==> flow/design.v <==
module my_add_unit_n #(
  parameter NBITS = 10,
  parameter NUM = 16,
  parameter RES_W = NBITS + $clog2(NUM)
) (
  input  logic core_clk,
  input  logic i_rst_n,
  input  logic [NUM*NBITS-1:0] d_i,
  output logic [RES_W-1:0] sum_o
);
  logic [NUM*NBITS-1:0] d_s;
  always_ff @(posedge core_clk) begin
    if (~i_rst_n) begin
      d_s <= 0;
    end else begin
      d_s <= d_i;
    end
  end
  logic [RES_W-1:0] t;
  always_comb begin
    t = 0;
    for (int k = 0; k < NUM; k++)
      t = t + d_s[k*NBITS +: NBITS];
  end
  always_ff @(posedge core_clk) begin
    if (~i_rst_n) begin
      sum_o <= 0;
    end else begin
      sum_o <= t;
    end
  end
endmodule
# Tool chain data of my_add_unit_n

What the tools print for my_add_unit_n, step after step.
Lines are those of the file above, counted from 1.
Operators carry their Yosys type and port widths (W data, S select, Z words).
Library cell names are shortened.
A cell with -- has no value.

Top module: my_add_unit_n
Clock port: core_clk
Cell library: sky130hd
Timing corner: tt_025C_1v80

# Word-level counts

Source: Yosys, flattened and elaborated, memories not mapped. Widths are those after wreduce; folded enables and synchronous resets count as part of the registers. Registers that Yosys merges into a memory's read port (data or address) are not register bits. Print and check cells do not count. Equal cells are merged and count once.

Memories kept: 0
Flip-flop bits (word level): 174
Memory bits (writable): 0
Output and inout bits: 14
Input bits: 162
Word-level cells: 17
Clocked read ports x word width: 0
Bits in latches: 0
ROM bits: 0

Mux-type cells: 0
Add/subtract/negate cells: 15
Reductions and logical operators: 0
Multiply operators: 0
Shift operators: 0
Equal/unequal tests: 0
Bitwise logic cells: 0
Order comparisons: 0
Div/mod/pow operators: 0

Operators by type and width:

| kind             | number |
| $add A14 B10 Y14 | 11 |
| $add A13 B10 Y14 | 1 |
| $add A12 B10 Y13 | 1 |
| $add A11 B10 Y12 | 1 |
| $add A10 B10 Y11 | 1 |

# Depth

Longest topological path by Yosys (ltp), each cell counted once; first at word level (registers and memories cut), then after technology mapping (sequential cells cut; the memories' decode and read muxes count).

Word-level depth: 15
ABC_AREA: 0
Mapped depth: 19
Mapped depth without buffers: 19

# Synthesis result

Yosys stat after the flow's synthesis: flattened, memories mapped to cells. It holds for the ABC_AREA given above (unset counts as 0); a run with the other value may have another netlist.

Cell area after synthesis: 0.0087046 mm²
Buffer cells: 19
Cells in the netlist: 762
Flip-flops: 174
Sequential part of the area: 0.0034833 mm²

Cell types:

| type     | number | area in all (µm²) |
| dfxtp_1  | 174    | 3.48E+03 |
| fa_1     | 136    | 2.72E+03 |
| and2_1   | 169    | 1.06E+03 |
| inv_1    | 189    | 709.43 |
| ha_1     | 23     | 287.776 |
| clkbuf_1 | 19     | 71.318 |
| xnor2_1  | 4      | 35.034 |
| mux2i_1  | 3      | 30.029 |
| a211oi_2 | 2      | 25.024 |
| nand2b_1 | 4      | 25.024 |
| a21oi_1  | 4      | 20.019 |
| a211oi_1 | 2      | 15.014 |
| a311oi_2 | 1      | 15.014 |
| nand2_1  | 4      | 15.014 |
| nor4b_2  | 1      | 15.014 |
| o21a_1   | 2      | 15.014 |
| o21ai_0  | 3      | 15.014 |
| o21ai_1  | 3      | 15.014 |

Other cell types: 15; their cells: 19.

# Worst setup path after synthesis

Path of least setup slack by OpenSTA after synthesis, without wires, with an ideal clock, recovery checks aside; 20% of the period is set as input and as output delay. Where synthesis merged equal registers, the netlist keeps one of their names.

Path kind: reg-to-reg
Start: register d_s[122]
End: register sum_o[8]
Path buffers: 0
Setup slack: 1.246 ns
Time at the first pin: 0.000 ns
Clock period: 6.22 ns
Data arrival time: 4.859 ns
Data required time: 6.105 ns
Stages: 18
Library setup time: 0.115 ns
Delay of the path: 4.974 ns
Synthesis period reached: 4.974 ns

"delay of the path" is the arrival time less input delay plus setup time.
"stages": output pins that drive a net of the path, with the launching flip-flop's if there is one; two outputs of one cell count as two.
"synthesis period reached" = period - worst setup slack (recovery checks aside). The figure is calculated, with input and output delays left at 20% of the set period.
Between the ends stands the longest chain of elaborated cells between them, by number of cells; it is not shown to be the way that was timed. Of several equally long chains one is given.
Each line given opens the expression or statement behind the cell; cells for indexed reads and writes are added by Yosys, which also makes memories of some case tables.

Cell sequence: dfxtp_1 > fa_1 > inv_1 > fa_1 > inv_1 > fa_1 > inv_1 > fa_1 > fa_1 > fa_1 > inv_1 > ha_1 > fa_1 > a211oi_2 > o21bai_1 > a21oi_1 > xnor2_1 > and2_1
Cells in the longest elaborated chain: 4
Elaborated cells on any way between the ends: 4
RTL lines with such cells: 1
Those cells by class: add/sub: 4

Ends and longest elaborated chain, post-synthesis:

| what                | RTL line | text |
| start, declared     | 11       | `logic [NUM*NBITS-1:0] d_s;` |
| start, assigned     | 14       | `d_s <= 0;` |
| start, assigned     | 16       | `d_s <= d_i;` |
| $add A14 B10 Y14 x4 | 23       | `t = t + d_s[k*NBITS +: NBITS];` |
| end, assigned       | 27       | `sum_o <= 0;` |
| end, assigned       | 29       | `sum_o <= t;` |
| end, declared       | 9        | `output logic [RES_W-1:0] sum_o` |

# Timing after layout

From the final timing report of run 1: the path of least setup slack in the routed layout; clock arrival at registers is part of the times.

Path kind: reg-to-reg
Start: register d_s[122]
End: register sum_o[12]
Clock period: 6.2 ns
Time at the first pin: 0.43 ns
Setup slack: 0.73 ns
Data required time: 6.53 ns
Data arrival time: 5.80 ns
Stages: 17
Path buffers: 0
Library setup time: 0.10 ns

Between the ends stands the longest chain of elaborated cells between them, by number of cells; it is not shown to be the way that was timed. Of several equally long chains one is given.

Cell sequence: dfxtp_1 > fa_1 > inv_1 > fa_1 > inv_1 > fa_1 > inv_1 > fa_1 > fa_1 > fa_1 > inv_1 > ha_1 > fa_1 > a211oi_2 > o21bai_1 > a41oi_1 > mux2i_1
Cells in the longest elaborated chain: 4
Elaborated cells on any way between the ends: 4
RTL lines with such cells: 1
Those cells by class: add/sub: 4

Ends and longest elaborated chain, after layout:

| what                | RTL line | text |
| start, declared     | 11       | `logic [NUM*NBITS-1:0] d_s;` |
| start, assigned     | 14       | `d_s <= 0;` |
| start, assigned     | 16       | `d_s <= d_i;` |
| $add A14 B10 Y14 x4 | 23       | `t = t + d_s[k*NBITS +: NBITS];` |
| end, assigned       | 27       | `sum_o <= 0;` |
| end, assigned       | 29       | `sum_o <= t;` |
| end, declared       | 9        | `output logic [RES_W-1:0] sum_o` |

==> results <==
3 stored runs of my_add_unit_n in the flow (synthesis by Yosys, layout by OpenROAD, sky130hd cells), in arbitrary order. Constraints: input delay and output delay 20% of the set period each, output load 0.01 pF.
"reached clock period" means the clock period less the worst setup slack. The figure is calculated, with input and output delays left at 20% of the set period.
By "total power after layout" is meant OpenSTA's value without simulated activity: inputs other than the clock are taken to toggle once in ten clock periods, and the tool carries that through the logic.
A setting shown as n/a is not set for that run.

| setting or result                         | run 1     | run 2     | run 3     |
| period_ns                                 | 6.2       | 4.8       | 6.22      |
| CORE_UTILIZATION                          | 27        | 40        | 40        |
| PLACE_DENSITY_LB_ADDON                    | 0.07      | n/a       | n/a       |
| CORE_MARGIN                               | 2         | 7         | 2         |
| CELL_PAD_IN_SITES_DETAIL_PLACEMENT        | 1         | 0         | n/a       |
| TNS_END_PERCENT                           | 15        | 5         | n/a       |
| GPL_TIMING_DRIVEN                         | 0         | 0         | n/a       |
| GPL_ROUTABILITY_DRIVEN                    | 1         | n/a       | n/a       |
| CTS_CLUSTER_DIAMETER                      | 187       | n/a       | n/a       |
| CAP_MARGIN                                | 20        | 5         | 20        |
| SLEW_MARGIN                               | 20        | 25        | 20        |
| CORE_ASPECT_RATIO                         | n/a       | 1.63      | n/a       |
| MAX_ROUTING_LAYER                         | n/a       | met4      | n/a       |
| std-cell area (final layout) (mm²)        | 0.0115373 | 0.0114698 | 0.0113321 |
| total negative slack on setup checks (ns) | 0.000     | -0.779    | 0.000     |
| reached clock period (ns)                 | 5.468     | 4.984     | 5.194     |
| total power after layout (mW)             | 6.559     | 8.979     | 6.342     |
| worst setup slack after layout (ns)       | 0.732     | -0.184    | 1.026     |
| die footprint (mm²)                       | 0.0336906 | 0.0262115 | 0.0229568 |
| cell area after synthesis (mm²)           | 0.0087046 | 0.0087046 | 0.0087046 |
